==> flow/design.v <==
module alu_add_unit_top #(
    parameter XLEN = 4,
    parameter N = 3,
    parameter RW = XLEN + $clog2(N)
) (
    input  wire i_clk,
    input  wire [N*XLEN-1:0] in_din,
    output wire [RW-1:0] out_out
);
    reg [N*XLEN-1:0] din_reg;
    always @(posedge i_clk) begin
        din_reg <= in_din;
    end
    reg [RW-1:0] work;
    integer k;
    always @(*) begin
        work = 0;
        for (k = 0; k < N; k = k + 1)
            work = work + din_reg[k*XLEN +: XLEN];
    end
    assign out_out = work;
endmodule
### From RTL to reports: alu_add_unit_top

Module alu_add_unit_top in several versions that differ in "XLEN"; each step lists the members.
The file above is the member XLEN 4. Line numbers count from 1 in each member's own file.
Cell names lack the library's common part.
A cell with n/a has no value.

| set-up | value |
|---|---|
| top module | alu_add_unit_top |
| clock | i_clk |
| library | sky130hd |
| corner | tt_025C_1v80 |

### Source of the members

New or changed lines of each further member against the RTL above, in its own file; lines it lacks are not shown.

New or changed lines:

| XLEN | line | RTL |
|---|---|---|
| 8 | 2 | `parameter XLEN = 8,` |
| 10 | 2 | `parameter XLEN = 10,` |
| 14 | 2 | `parameter XLEN = 14,` |
| 24 | 2 | `parameter XLEN = 24,` |
| 40 | 2 | `parameter XLEN = 40,` |

### Elaborated design

Source: Yosys, flattened and elaborated, memories not mapped. Widths are those after wreduce; folded enables and synchronous resets count as part of the registers. Registers that Yosys merges into a memory's read port (data or address) are not register bits. Print and check cells do not count. Equal cells are merged and count once.

Operators by class:

| XLEN | add/sub/neg operators | multipliers | div/mod/pow operators | $lt $le $gt $ge | equal/unequal tests | shift operators | mux-type cells | bitwise gates (word level) | reductions and logical operators |
|---|---|---|---|---|---|---|---|---|---|
| 4 | 2 | 0 | 0 | 0 | 0 | 0 | 0 | 0 | 0 |
| 8 | 2 | 0 | 0 | 0 | 0 | 0 | 0 | 0 | 0 |
| 10 | 2 | 0 | 0 | 0 | 0 | 0 | 0 | 0 | 0 |
| 14 | 2 | 0 | 0 | 0 | 0 | 0 | 0 | 0 | 0 |
| 24 | 2 | 0 | 0 | 0 | 0 | 0 | 0 | 0 | 0 |
| 40 | 2 | 0 | 0 | 0 | 0 | 0 | 0 | 0 | 0 |

Operator list:

| XLEN | kind and count |
|---|---|
| 4 | 1 x 5-bit by 4-bit adder with 6-bit output; 1 x 4-bit by 4-bit adder with 5-bit output |
| 8 | 1 x 9-bit by 8-bit adder with 10-bit output; 1 x 8-bit by 8-bit adder with 9-bit output |
| 10 | 1 x 11-bit by 10-bit adder with 12-bit output; 1 x 10-bit by 10-bit adder with 11-bit output |
| 14 | 1 x 15-bit by 14-bit adder with 16-bit output; 1 x 14-bit by 14-bit adder with 15-bit output |
| 24 | 1 x 25-bit by 24-bit adder with 26-bit output; 1 x 24-bit by 24-bit adder with 25-bit output |
| 40 | 1 x 41-bit by 40-bit adder with 42-bit output; 1 x 40-bit by 40-bit adder with 41-bit output |

Word-level totals:

| XLEN | bits in registers | latch bits | bits in writable memories | memory bits (read-only) | word width x clocked read ports | memories kept | input bits | output and inout bits | word-level cells |
|---|---|---|---|---|---|---|---|---|---|
| 4 | 12 | 0 | 0 | 0 | 0 | 0 | 13 | 6 | 3 |
| 8 | 24 | 0 | 0 | 0 | 0 | 0 | 25 | 10 | 3 |
| 10 | 30 | 0 | 0 | 0 | 0 | 0 | 31 | 12 | 3 |
| 14 | 42 | 0 | 0 | 0 | 0 | 0 | 43 | 16 | 3 |
| 24 | 72 | 0 | 0 | 0 | 0 | 0 | 73 | 26 | 3 |
| 40 | 120 | 0 | 0 | 0 | 0 | 0 | 121 | 42 | 3 |

### Longest topological paths

Depth = most cells in a row (Yosys ltp): at word level without a register or memory, in the mapped netlist without a sequential cell, where the memories' decode and read muxes count.

Depth:

| XLEN | word-level depth | ABC_AREA | mapped depth | depth with buffers taken out |
|---|---|---|---|---|
| 4 | 2 | 0 | 9 | 9 |
| 8 | 2 | 0 | 9 | 9 |
| 10 | 2 | 0 | 11 | 11 |
| 14 | 2 | 0 | 11 | 11 |
| 24 | 2 | 0 | 11 | 11 |
| 40 | 2 | 0 | 13 | 13 |

### Mapped cells and area

Yosys stat after the flow's synthesis: flattened, memories mapped to cells. It holds for the ABC_AREA given above (unset counts as 0); a run with the other value may have another netlist.
Totals and module areas in this step are rounded.

Cells by type:

| XLEN | type and count |
|---|---|
| 4 | 12 x dfxtp_1; 5 x fa_1; 14 x inv_1; 3 x ha_1; 1 x a21oi_2; 1 x xnor2_1; 1 x xor2_1; 1 x a21o_1; 1 x a21oi_1; 1 x nor2_1 |
| 8 | 24 x dfxtp_1; 9 x fa_1; 7 x ha_1; 10 x inv_1; 7 x a21oi_1; 3 x xor2_1; 2 x a211oi_2; 2 x xnor2_1; 3 x o21ai_0; 1 x a211oi_1; 1 x a21o_1; 1 x o211ai_1; 1 x o21a_1; 1 x o21ai_1; 1 x nand2_1; 1 x nor2_1 |
| 10 | 30 x dfxtp_1; 11 x fa_1; 9 x ha_1; 16 x inv_1; 5 x xnor2_1; 1 x a2111oi_4; 2 x a21oi_2; 2 x xor2_1; 2 x a21o_1; 2 x and3_2; 2 x nand2b_1; 1 x o21bai_2; 2 x a21oi_1; 2 x nand3_1; 1 x a2111oi_0; 1 x a221oi_1; 1 x o21ai_2; 1 x and2_2; (+10) |
| 14 | 42 x dfxtp_1; 15 x fa_1; 13 x ha_1; 16 x inv_1; 6 x xnor2_1; 8 x a21oi_1; 8 x nand2_1; 8 x nor2_1; 6 x o21ai_0; 3 x a211oi_1; 3 x a21o_1; 4 x nor3_1; 2 x a21oi_2; 2 x a311oi_1; 2 x xor2_1; 1 x o21ai_4; 1 x a311oi_2; 1 x o2111ai_2; (+23) |
| 24 | 72 x dfxtp_1; 25 x fa_1; 23 x ha_1; 14 x xnor2_1; 21 x a21oi_1; 10 x a21o_1; 18 x nand2_1; 6 x xor2_1; 11 x inv_1; 6 x and3_1; 5 x o21a_1; 9 x nor2_1; 5 x a31oi_1; 5 x o21ai_0; 3 x a21boi_0; 3 x nand3b_1; 3 x o21bai_1; 1 x a31oi_4; (+44) |
| 40 | 120 x dfxtp_1; 41 x fa_1; 39 x ha_1; 44 x a21oi_1; 25 x xnor2_1; 22 x a21o_1; 28 x nand2_1; 13 x o21bai_1; 10 x xor2_1; 16 x o21ai_0; 11 x nand4_1; 18 x nor2_1; 12 x nand3_1; 15 x clkbuf_1; 15 x inv_1; 6 x a211oi_1; 6 x o21a_1; 7 x nor3_1; (+59) |

A list marked (+n) leaves out that many cells.

Synthesis totals:

| XLEN | cells in the netlist | synthesis area (mm²) | sequential part of the area (mm²) | flip-flop cells | buffer cells |
|---|---|---|---|---|---|
| 4 | 40 | 0.00047 | 0.00024 | 12 | 0 |
| 8 | 74 | 0.00095 | 0.00048 | 24 | 0 |
| 10 | 101 | 0.0013 | 0.0006 | 30 | 0 |
| 14 | 164 | 0.0019 | 0.00084 | 42 | 4 |
| 24 | 284 | 0.0033 | 0.0014 | 72 | 5 |
| 40 | 507 | 0.0056 | 0.0024 | 120 | 16 |

### Timing after synthesis

OpenSTA on the mapped netlist: ideal clock, no wires. The path of least setup slack (recovery checks aside). Input and output delay are each 20% of the period. Register names are those of the netlist, which keeps one name where synthesis merged equal registers.

Timing post-synthesis:

| XLEN | path kind | from | to | clock period (ns) | path slack (ns) | stages on the path | path delay (ns) | synthesis period reached (ns) |
|---|---|---|---|---|---|---|---|---|
| 4 | register -> output | reg din_reg[1] | out out_out[5] | 2.64 | 0.420 | 8 | 1.692 | 2.22 |
| 8 | register -> output | reg din_reg[1] | out out_out[7] | 3.16 | 0.504 | 8 | 2.024 | 2.656 |
| 10 | register -> output | reg din_reg[4] | out out_out[10] | 3.49 | 0.557 | 8 | 2.235 | 2.933 |
| 14 | register -> output | reg din_reg[1] | out out_out[11] | 3.73 | 0.598 | 10 | 2.386 | 3.132 |
| 24 | register -> output | reg din_reg[1] | out out_out[21] | 4.16 | 0.668 | 10 | 2.660 | 3.492 |
| 40 | register -> output | reg din_reg[1] | out out_out[37] | 4.82 | 0.773 | 12 | 3.083 | 4.047 |

"path delay" = arrival - input delay + setup time.
A path that ends at an output port has no setup time.
"stages on the path" counts driving pins, that of a launching flip-flop among them; a cell with two outputs on the path counts twice.
"synthesis period reached" = period - worst setup slack (recovery checks aside). The figure is calculated, with input and output delays left at 20% of the set period.
The rows between start and end are the longest chain of elaborated cells between them; the timing report does not say that the signal goes this way. Where chains are equally long, one stands for them.
A line is the first line of the expression or statement that the cell stems from. Yosys adds cells for indexed reads and writes and turns some case tables into memories.

| between the ends, post-synthesis, XLEN 4 | value |
|---|---|
| cells in the longest elaborated chain | 2 |

RTL lines, path post-synthesis, XLEN 4:

| what | line | RTL |
|---|---|---|
| start, declared | 10 | `reg [N*XLEN-1:0] din_reg;` |
| start, assigned | 12 | `din_reg <= in_din;` |
| 4-bit by 4-bit adder with 5-bit output | 19 | `work = work + din_reg[k*XLEN +: XLEN];` |
| 5-bit by 4-bit adder with 6-bit output | 19 |  |
| end, declared | 8 | `output wire [RW-1:0] out_out` |

| between the ends, post-synthesis, XLEN 40 | value |
|---|---|
| cells in the longest elaborated chain | 2 |

RTL lines, path post-synthesis, XLEN 40:

| what | line | RTL |
|---|---|---|
| start, declared | 10 | `reg [N*XLEN-1:0] din_reg;` |
| start, assigned | 12 | `din_reg <= in_din;` |
| 40-bit by 40-bit adder with 41-bit output | 19 | `work = work + din_reg[k*XLEN +: XLEN];` |
| 41-bit by 40-bit adder with 42-bit output | 19 |  |
| end, declared | 8 | `output wire [RW-1:0] out_out` |

### Worst path after layout

Path of least setup slack in the final report of each member's run (OpenROAD, finished layout, wires in). Where an end is a register, its clock arrival counts in the times.

Timing post-layout:

| XLEN | path kind | from | to | clock period (ns) | path slack (ns) | stages on the path | arrival time (ns) | buffers on the path |
|---|---|---|---|---|---|---|---|---|
| 4 | register -> output | reg din_reg[1] | out out_out[5] | 2.64 | 0.10 | 9 | 2.01 | 1 |
| 8 | register -> output | reg din_reg[1] | out out_out[9] | 3.16 | 0.12 | 9 | 2.41 | 1 |
| 10 | register -> output | reg din_reg[22] | out out_out[10] | 3.49 | 0.11 | 10 | 2.69 | 2 |
| 14 | register -> output | reg din_reg[1] | out out_out[11] | 3.73 | 0.12 | 12 | 2.87 | 2 |
| 24 | register -> output | reg din_reg[1] | out out_out[15] | 4.16 | 0.14 | 11 | 3.19 | 2 |
| 40 | register -> output | reg din_reg[8] | out out_out[19] | 4.82 | 0.13 | 11 | 3.73 | 2 |

### Flow runs

One run of the flow (Yosys, OpenROAD) for each member, with settings and measured results. Input and output delays are each 20% of the period that was set; the output load is 0.01 pF.

| settings | value |
|---|---|
| CAP_MARGIN | 20 |
| CORE_MARGIN | 2 |
| CORE_UTILIZATION | 40 |
| SLEW_MARGIN | 20 |

Settings by member:

| XLEN | period_ns |
|---|---|
| 4 | 2.64 |
| 8 | 3.16 |
| 10 | 3.49 |
| 14 | 3.73 |
| 24 | 4.16 |
| 40 | 4.82 |

Measured results:

| XLEN | mapped cell area after synthesis (mm²) | area of the die (mm²) | standard-cell area of the final layout (mm²) | utilization of the finished layout | setup slack of the critical path (ns) | total negative slack on setup checks (ns) | lowest hold slack (ns) | total power of the final layout (mW) | achieved period (ns) |
|---|---|---|---|---|---|---|---|---|---|
| 4 | 0.00047 | 0.0015 | 0.0007 | 0.63 | 0.097 | 0.000 | 0.69 | 0.46 | 2.543 |
| 8 | 0.00095 | 0.0028 | 0.0014 | 0.63 | 0.12 | 0.000 | 0.76 | 0.73 | 3.040 |
| 10 | 0.0013 | 0.0036 | 0.0018 | 0.6 | 0.11 | 0.000 | 0.82 | 0.90 | 3.383 |
| 14 | 0.0019 | 0.0052 | 0.0026 | 0.6 | 0.12 | 0.000 | 0.89 | 1.3 | 3.612 |
| 24 | 0.0033 | 0.0089 | 0.0047 | 0.6 | 0.14 | 0.000 | 0.93 | 2.4 | 4.021 |
| 40 | 0.0056 | 0.015 | 0.0082 | 0.6 | 0.13 | 0.000 | 0.98 | 3.8 | 4.690 |

"achieved period": clock period set for the run, less the worst setup slack. It is reckoned from that one timing run; input and output delays stay at 20% of the period that was set.
"total power of the final layout" is the tool's figure for a default switching activity; nothing was simulated.
The measured numbers are rounded.
